==> flow/design.v <==
module as_core_v2 (core_clk, RSTN, ce, in_u, in_v, out_delta);
  parameter integer DATA_W = 6;
  input core_clk;
  input RSTN;
  input ce;
  input [DATA_W-1:0] in_u;
  input [DATA_W-1:0] in_v;
  output reg [DATA_W-1:0] out_delta;
  reg [DATA_W-1:0] u_d1;
  reg [DATA_W-1:0] v_d1;
  reg [DATA_W:0] cur_d1;
  always @(posedge core_clk) begin
    if (~RSTN) begin
      u_d1 <= 0;
      v_d1 <= 0;
      cur_d1 <= 0;
      out_delta <= 0;
    end else if (ce) begin
      u_d1 <= in_u;
      v_d1 <= in_v;
      cur_d1 <= {1'b0, u_d1} - {1'b0, v_d1};
      out_delta <= cur_d1[DATA_W] ? -cur_d1[DATA_W-1:0] : cur_d1[DATA_W-1:0];
    end
  end
endmodule
# == Step by step through the tools: as_core_v2 ==
# The steps from the RTL of as_core_v2 to its reports follow in flow order.
# Lines are those of the file above, counted from 1.
# Cell names lack the library's common part.
# The mark n/a stands for no value.
# design
top_module,as_core_v2
clock,core_clk
cell_library,sky130hd
corner,tt_025C_1v80

# == After elaboration ==
# Source: Yosys, flattened and elaborated, memories not mapped. Widths are those after wreduce; folded enables and synchronous resets count as part of the registers. Registers that Yosys merges into a memory's read port (data or address) are not register bits. Print and check cells do not count. Equal cells are merged and count once.
# word_totals
register_bits,25
out_inout_bits,6
input_bits,15
elab_cells,7
# classes
muxes,1
add_sub_neg,2
# ops
cell,n
6-bit by 6-bit subtractor with 7-bit output,1
6-bit negation,1
6-bit 2-to-1 mux,1

# == Longest topological paths ==
# Longest topological path by Yosys (ltp), each cell counted once; first at word level (registers and memories cut), then after technology mapping (sequential cells cut; the memories' decode and read muxes count).
# depth
depth_word,2
abc_area,0
depth_mapped,8

# == Synthesis result ==
# The flow's flattened synthesis, as Yosys stat reports it; memories are mapped. The netlist is that of the ABC_AREA named above (0 if unset); the other value can give another one.
# Totals and module areas in this step are rounded.
# synth_totals
flip_flops,25
sequential_area_um2,500
stdcells,132
yosys_area_um2,1220
n_buf,8
# by_type
cell_type,n,area_total_um2
dfxtp_1,25,500.48
mux2i_1,15,150.144
ha_1,7,87.584
nor2_1,21,78.826
inv_1,13,48.797
a211oi_1,5,37.536
xnor2_1,3,26.275
a21oi_1,5,25.024
nand3b_1,3,22.522
fa_1,1,20.019
o21ai_0,4,20.019
clkbuf_1,5,18.768
o2111ai_1,2,17.517
o311ai_0,2,17.517
xor2_1,2,17.517
buf_2,3,15.014
nand3_1,3,15.014
o211ai_1,2,15.014
# Not listed: further types 10, cells in them 11.

# == Path before layout ==
# Source: OpenSTA report_checks on the synthesized netlist (no wires, ideal clock, input and output delay 20% of the period each), path of least setup slack; recovery checks are left aside. Register names are those of the netlist, which keeps one name where synthesis merged equal registers.
# synth_timing
path_kind,register to register
from,reg u_d1[0]
to,reg cur_d1[6]
n_path_buf,0
path_slack_ns,0.396
required_ns,1.899
launch_ns,0.000
path_delay_ns,1.575
t_arrival_ns,1.504
stages,9
period_ns,1.97
period_less_setup_slack_ns,1.574
# "path_delay_ns" = arrival - input delay + setup time.
# "stages": output pins that drive a net of the path, with the launching flip-flop's if there is one; two outputs of one cell count as two.
# "period_less_setup_slack_ns" is the clock period less the worst setup slack; recovery checks do not enter. This is arithmetic on one report: input and output delays are still those of the set period (20% each).
# Between the ends stands the longest chain of elaborated cells between them, by number of cells; it is not shown to be the way that was timed. Of several equally long chains one is given.
# Each line given opens the expression or statement behind the cell; cells for indexed reads and writes are added by Yosys, which also makes memories of some case tables.
# synth_between
path_cell_list,dfxtp_1 -> inv_1 -> ha_1 -> inv_1 -> fa_1 -> a21o_1 -> a21oi_1 -> o211ai_1 -> a21oi_1
elab_chain_cells,1
cells_between,1
cone_lines,1
# synth_lines
element,line_no,rtl
"start, declared",9,reg [DATA_W-1:0] u_d1;
"start, assigned",14,u_d1 <= 0;
"start, assigned",19,u_d1 <= in_u;
6-bit by 6-bit subtractor with 7-bit output,21,"cur_d1 <= {1'b0, u_d1} - {1'b0, v_d1};"
"end, assigned",16,cur_d1 <= 0;
"end, assigned",21,
"end, declared",11,reg [DATA_W:0] cur_d1;

# == Path in the finished layout ==
# Path of least setup slack in the final report of flow run 1 (OpenROAD, finished layout, wires in). Where an end is a register, its clock arrival counts in the times.
# layout_timing
path_kind,register to register
from,reg u_d1[0]
to,reg cur_d1[6]
stages,9
launch_ns,0.27
period_ns,2.32
required_ns,2.51
n_path_buf,0
t_arrival_ns,1.92
path_slack_ns,0.59
# Between the ends stands the longest chain of elaborated cells between them, by number of cells; it is not shown to be the way that was timed. Of several equally long chains one is given.
# layout_between
path_cell_list,dfxtp_1 -> inv_1 -> ha_1 -> inv_1 -> fa_1 -> a21o_1 -> a21oi_1 -> o211ai_1 -> a21oi_1
elab_chain_cells,1
cells_between,1
cone_lines,1
# layout_lines
element,line_no,rtl
"start, declared",9,reg [DATA_W-1:0] u_d1;
"start, assigned",14,u_d1 <= 0;
"start, assigned",19,u_d1 <= in_u;
6-bit by 6-bit subtractor with 7-bit output,21,"cur_d1 <= {1'b0, u_d1} - {1'b0, v_d1};"
"end, assigned",16,cur_d1 <= 0;
"end, assigned",21,
"end, declared",11,reg [DATA_W:0] cur_d1;

# Below are 3 stored runs of the flow (Yosys, OpenROAD; platform sky130hd) on as_core_v2, each with its settings and what was measured, unordered. Constraints: input delay and output delay 20% of the set period each, output load 0.01 pF.
# "achieved_period_ns" is the run's clock period less its worst setup slack. It is reckoned from that one timing run; input and output delays stay at 20% of the period that was set.
# The measured numbers are rounded.
# Settings: -- = not set for that run.
setting or result,flow run 1,flow run 2,flow run 3
period_ns,2.32,1.51,1.97
CORE_UTILIZATION,29,44,40
SETUP_SLACK_MARGIN,0.39,--,--
PLACE_DENSITY_LB_ADDON,0.0,0.01,--
CELL_PAD_IN_SITES_DETAIL_PLACEMENT,0,--,--
ABC_AREA,0,1,--
GPL_ROUTABILITY_DRIVEN,1,--,--
CTS_CLUSTER_DIAMETER,123,--,--
MIN_ROUTING_LAYER,met2,--,--
CAP_MARGIN,20,25,20
CORE_MARGIN,2,8,2
SLEW_MARGIN,20,10,20
TNS_END_PERCENT,--,35,--
MAX_ROUTING_LAYER,--,met4,--
final_util_pct,37.7,55.3,50.2
synth_chip_area_um2,1220,1250,1220
design_die_area_um2,4730,4790,3500
final_stdcell_area_um2,1520,1510,1490
setup_worst_slack_ns,0.589,0.084,0.225
achieved_period_ns,1.731,1.426,1.745
